==> flow/design.v <==
module u_times_mod #(
    parameter WIDTH = 4,
    parameter GUARD = 2
) (
    input wire clk,
    input wire resetn,
    input wire [WIDTH-1:0] op_a_i,
    input wire [WIDTH-1:0] op_b_i,
    input wire start_i,
    output wire [2*WIDTH+GUARD-1:0] mul_o
);
    wire [2*WIDTH-1:0] val;
    assign val = op_a_i * op_b_i;
    reg [2*WIDTH+GUARD-1:0] total;
    always @(posedge clk) begin
        if (!resetn) begin
            total <= 0;
        end else begin
            total <= start_i ? val : total + val;
        end
    end
    assign mul_o = total;
endmodule
Subject: tool reports on u_times_mod

Hi,

Tool chain data of u_times_mod:

A sweep over "WIDTH": the same steps for each member of the family.
The RTL above is that of WIDTH=4; lines are counted from 1 in the file of the member named.
Cell names lack the library's common part.
Not given: --

* top: u_times_mod
* clock: clk
* library: sky130hd
* library corner: tt_025C_1v80

Source of the members:

Lines of each other member's file that are new or changed against the file above; lines that a member lacks are not shown.

New or changed lines
* WIDTH 7: RTL line 2 `parameter WIDTH = 7,`
* WIDTH 12: RTL line 2 `parameter WIDTH = 12,`
* WIDTH 22: RTL line 2 `parameter WIDTH = 22,`
* WIDTH 24: RTL line 2 `parameter WIDTH = 24,`

Word level:

Source: Yosys, flattened and elaborated, memories not mapped. Widths are those after wreduce. Registers that Yosys merges into a memory's read port (data or address) are not register bits. Print and check cells do not count. Equal cells are merged and count once.

Storage and ports
* WIDTH 4: register bits 10, input bits 11, output and inout bits 10, cells after elaboration 7
* WIDTH 7: register bits 16, input bits 17, output and inout bits 16, cells after elaboration 7
* WIDTH 12: register bits 26, input bits 27, output and inout bits 26, cells after elaboration 7
* WIDTH 22: register bits 46, input bits 47, output and inout bits 46, cells after elaboration 7
* WIDTH 24: register bits 50, input bits 51, output and inout bits 50, cells after elaboration 7

Cells by class
* WIDTH 4: add/subtract/negate cells 1, multipliers 1, multiplexer cells 1, bitwise logic cells 1, reductions and logical operators 1
* WIDTH 7: add/subtract/negate cells 1, multipliers 1, multiplexer cells 1, bitwise logic cells 1, reductions and logical operators 1
* WIDTH 12: add/subtract/negate cells 1, multipliers 1, multiplexer cells 1, bitwise logic cells 1, reductions and logical operators 1
* WIDTH 22: add/subtract/negate cells 1, multipliers 1, multiplexer cells 1, bitwise logic cells 1, reductions and logical operators 1
* WIDTH 24: add/subtract/negate cells 1, multipliers 1, multiplexer cells 1, bitwise logic cells 1, reductions and logical operators 1

Operators by type and width (kinds with counts)
* WIDTH 4: 1 x 4-bit by 4-bit multiplier with 8-bit output; 1 x 10-bit by 8-bit adder with 10-bit output; 1 x 8-bit 2-to-1 mux; 1 x 2-bit OR reduction; 1 x 1-bit inverter
* WIDTH 7: 1 x 7-bit by 7-bit multiplier with 14-bit output; 1 x 16-bit by 14-bit adder with 16-bit output; 1 x 14-bit 2-to-1 mux; 1 x 2-bit OR reduction; 1 x 1-bit inverter
* WIDTH 12: 1 x 12-bit by 12-bit multiplier with 24-bit output; 1 x 26-bit by 24-bit adder with 26-bit output; 1 x 24-bit 2-to-1 mux; 1 x 2-bit OR reduction; 1 x 1-bit inverter
* WIDTH 22: 1 x 22-bit by 22-bit multiplier with 44-bit output; 1 x 46-bit by 44-bit adder with 46-bit output; 1 x 44-bit 2-to-1 mux; 1 x 2-bit OR reduction; 1 x 1-bit inverter
* WIDTH 24: 1 x 24-bit by 24-bit multiplier with 48-bit output; 1 x 50-bit by 48-bit adder with 50-bit output; 1 x 48-bit 2-to-1 mux; 1 x 2-bit OR reduction; 1 x 1-bit inverter

Longest topological paths:

Longest topological path by Yosys (ltp), each cell counted once; first at word level (registers and memories cut), then after technology mapping (sequential cells cut; the memories' decode and read muxes count).

Depth
* WIDTH 4: depth after elaboration 3, ABC_AREA 0, gate-level depth with buffers 14, depth with buffers taken out 14
* WIDTH 7: depth after elaboration 3, ABC_AREA 0, gate-level depth with buffers 22, depth with buffers taken out 22
* WIDTH 12: depth after elaboration 3, ABC_AREA 0, gate-level depth with buffers 29, depth with buffers taken out 27
* WIDTH 22: depth after elaboration 3, ABC_AREA 0, gate-level depth with buffers 34, depth with buffers taken out 32
* WIDTH 24: depth after elaboration 3, ABC_AREA 0, gate-level depth with buffers 37, depth with buffers taken out 36

Synthesis result:

The flow's flattened synthesis, as Yosys stat reports it; memories are mapped. The netlist is that of the ABC_AREA named above (0 if unset); the other value can give another one.
Totals and module areas in this step are rounded.

Cell types (type and count)
* WIDTH 4: 20 x ha_1; 10 x dfxtp_1; 5 x fa_1; 14 x and2_1; 5 x mux2i_1; 13 x nor2_1; 4 x xnor2_1; 9 x nand2_1; 4 x a211oi_1; 8 x inv_1; 4 x nand2b_1; 5 x o21ai_0; 4 x or3_1; 3 x a21o_1; 3 x and3_2; 2 x o31a_1; 1 x a2111oi_2; 3 x a21oi_1; [+29]
* WIDTH 7: 46 x ha_1; 25 x fa_1; 16 x dfxtp_1; 38 x and2_1; 34 x nand2_1; 22 x a21oi_1; 27 x inv_1; 11 x xnor2_1; 20 x nor2_1; 7 x mux2i_1; 8 x xor2_1; 8 x o21ai_0; 6 x nand3_1; 3 x a21oi_2; 1 x a221oi_4; 4 x or3_1; 3 x a21o_1; 3 x o21a_1; [+48]
* WIDTH 12: 101 x fa_1; 86 x ha_1; 143 x inv_1; 26 x dfxtp_1; 71 x and2_1; 116 x nand2_1; 22 x xnor2_1; 38 x a21oi_1; 28 x o21ai_0; 16 x a21o_1; 31 x clkbuf_1; 28 x nor2_1; 9 x xor2_1; 11 x nor2b_1; 6 x mux2i_1; 8 x o21a_1; 8 x o21bai_1; 11 x nor3_1; [+71]
* WIDTH 22: 398 x fa_1; 204 x ha_1; 404 x inv_1; 237 x and2_1; 344 x nand2_1; 46 x dfxtp_1; 104 x a21oi_1; 51 x xnor2_1; 97 x clkbuf_1; 40 x a21o_1; 26 x xor2_1; 41 x o21ai_0; 54 x nor2_1; 25 x nand3_1; 16 x o21bai_1; 18 x nand4_1; 10 x mux2i_1; 15 x nor3_1; [+179]
* WIDTH 24: 483 x fa_1; 223 x ha_1; 564 x inv_1; 293 x and2_1; 390 x nand2_1; 50 x dfxtp_1; 111 x a21oi_1; 129 x clkbuf_1; 50 x xnor2_1; 48 x a21o_1; 36 x xor2_1; 83 x nor2_1; 52 x o21ai_0; 22 x nand4_1; 21 x a31oi_1; 10 x mux2i_1; 16 x nor2b_1; 13 x o211ai_1; [+149]

A list marked [+n] leaves out that many cells.

Synthesis totals
* WIDTH 4: cell count 146, cell area after synthesis 1260 sq um, sequential part of the area 200 sq um, flip-flops 10, buffers 2
* WIDTH 7: cell count 330, cell area after synthesis 2850 sq um, sequential part of the area 320 sq um, flip-flops 16, buffers 4
* WIDTH 12: cell count 830, cell area after synthesis 6810 sq um, sequential part of the area 520 sq um, flip-flops 26, buffers 32
* WIDTH 22: cell count 2309, cell area after synthesis 19900 sq um, sequential part of the area 921 sq um, flip-flops 46, buffers 118
* WIDTH 24: cell count 2743, cell area after synthesis 23300 sq um, sequential part of the area 1000 sq um, flip-flops 50, buffers 132

Worst setup path after synthesis:

Path of least setup slack by OpenSTA after synthesis, without wires, with an ideal clock, recovery checks aside; 20% of the period is set as input and as output delay. Where synthesis merged equal registers, the netlist keeps one of their names.

Timing path post-synthesis
* WIDTH 4: kind input to register, from input port op_a_i[0], to register total[6], period 5.55 ns, slack 0.889 ns, stages 13, path delay 3.551 ns, synthesis period reached 4.661 ns
* WIDTH 7: kind input to register, from input port op_a_i[3], to register total[12], period 7.9 ns, slack 1.265 ns, stages 22, path delay 5.055 ns, synthesis period reached 6.635 ns
* WIDTH 12: kind input to register, from input port op_b_i[3], to register total[22], period 10.1 ns, slack 1.605 ns, stages 27, path delay 6.475 ns, synthesis period reached 8.495 ns
* WIDTH 22: kind input to register, from input port op_b_i[1], to register total[39], period 11.8 ns, slack 1.916 ns, stages 28, path delay 7.524 ns, synthesis period reached 9.884 ns
* WIDTH 24: kind input to register, from input port op_b_i[3], to register total[44], period 12.4 ns, slack 2.015 ns, stages 35, path delay 7.905 ns, synthesis period reached 10.385 ns

"path delay" = arrival - input delay + setup time.
"stages": output pins that drive a net of the path, with the launching flip-flop's if there is one; two outputs of one cell count as two.
"synthesis period reached" is the clock period less the worst setup slack; recovery checks do not enter. This is arithmetic on one report: input and output delays are still those of the set period (20% each).
Between the ends stands the longest chain of elaborated cells between them, by number of cells; it is not shown to be the way that was timed. Of several equally long chains one is given.
A line is the first line of the expression or statement that the cell stems from. Yosys adds cells for indexed reads and writes and turns some case tables into memories.

On the way, post-synthesis, WIDTH=4:
* length of the longest elaborated chain: 3

RTL lines, path post-synthesis, WIDTH=4
* from (decl): RTL line 7 `input wire [WIDTH-1:0] op_a_i,`
* 4-bit by 4-bit multiplier with 8-bit output: RTL line 13 `assign val = op_a_i * op_b_i;`
* 10-bit by 8-bit adder with 10-bit output: RTL line 19 `total <= start_i ? val : total + val;`
* 8-bit 2-to-1 mux: RTL line 19
* to (assign): RTL line 17 `total <= 0;`
* to (assign): RTL line 19
* to (decl): RTL line 14 `reg [2*WIDTH+GUARD-1:0] total;`

On the way, post-synthesis, WIDTH=24:
* length of the longest elaborated chain: 3

RTL lines, path post-synthesis, WIDTH=24
* from (decl): RTL line 8 `input wire [WIDTH-1:0] op_b_i,`
* 24-bit by 24-bit multiplier with 48-bit output: RTL line 13 `assign val = op_a_i * op_b_i;`
* 50-bit by 48-bit adder with 50-bit output: RTL line 19 `total <= start_i ? val : total + val;`
* 48-bit 2-to-1 mux: RTL line 19
* to (assign): RTL line 17 `total <= 0;`
* to (assign): RTL line 19
* to (decl): RTL line 14 `reg [2*WIDTH+GUARD-1:0] total;`

Path in the finished layout:

From the final timing report of each member's run: the path of least setup slack in the routed layout; clock arrival at registers is part of the times.

Timing path after layout
* WIDTH 4: kind input to register, from input port op_a_i[0], to register total[6], period 5.55 ns, slack 0.44 ns, stages 14, arrival time 5.28 ns, buffers on the path 1
* WIDTH 7: kind input to register, from input port op_a_i[3], to register total[12], period 7.9 ns, slack 0.66 ns, stages 23, arrival time 7.38 ns, buffers on the path 1
* WIDTH 12: kind input to register, from input port op_a_i[7], to register total[22], period 10.1 ns, slack 1.00 ns, stages 26, arrival time 9.26 ns, buffers on the path 1
* WIDTH 22: kind input to register, from input port op_b_i[4], to register total[39], period 11.8 ns, slack 0.51 ns, stages 27, arrival time 11.48 ns, buffers on the path 2
* WIDTH 24: kind input to register, from input port op_b_i[10], to register total[44], period 12.4 ns, slack 0.48 ns, stages 33, arrival time 12.15 ns, buffers on the path 2

Flow runs:

Settings and results of one run of the flow (Yosys, OpenROAD) for each member follow. The constraints put input and output delay at 20% of the set period each and load the outputs with 0.01 pF.

* CAP_MARGIN: 20
* CORE_MARGIN: 2
* CORE_UTILIZATION: 40
* SLEW_MARGIN: 20

Settings by member (period_ns)
* WIDTH 4: 5.55
* WIDTH 7: 7.9
* WIDTH 12: 10.1
* WIDTH 22: 11.8
* WIDTH 24: 12.4

Final reports
* WIDTH 4: area of the synthesized netlist 1260 sq um, die size 3620 sq um, standard-cell area of the final layout 1530 sq um, final design utilization 50.5%, setup slack of the worst path 0.441 ns, summed negative setup slack 0.000 ns, worst hold slack in the final report 0.480 ns, clock period reached 5.109 ns
* WIDTH 7: area of the synthesized netlist 2850 sq um, die size 7810 sq um, standard-cell area of the final layout 3340 sq um, final design utilization 48.8%, setup slack of the worst path 0.661 ns, summed negative setup slack 0.000 ns, worst hold slack in the final report 0.481 ns, clock period reached 7.239 ns
* WIDTH 12: area of the synthesized netlist 6810 sq um, die size 18100 sq um, standard-cell area of the final layout 7610 sq um, final design utilization 45.9%, setup slack of the worst path 1.00 ns, summed negative setup slack 0.000 ns, worst hold slack in the final report 0.499 ns, clock period reached 9.096 ns
* WIDTH 22: area of the synthesized netlist 19900 sq um, die size 51600 sq um, standard-cell area of the final layout 21800 sq um, final design utilization 44.5%, setup slack of the worst path 0.506 ns, summed negative setup slack 0.000 ns, worst hold slack in the final report 0.538 ns, clock period reached 11.294 ns
* WIDTH 24: area of the synthesized netlist 23300 sq um, die size 60200 sq um, standard-cell area of the final layout 25400 sq um, final design utilization 44.0%, setup slack of the worst path 0.484 ns, summed negative setup slack 0.000 ns, worst hold slack in the final report 0.483 ns, clock period reached 11.916 ns

By "clock period reached" is meant the clock period of the run minus its worst setup slack. This is arithmetic on one report: input and output delays are still those of the set period (20% each).
Results are given in rounded form.

Regards
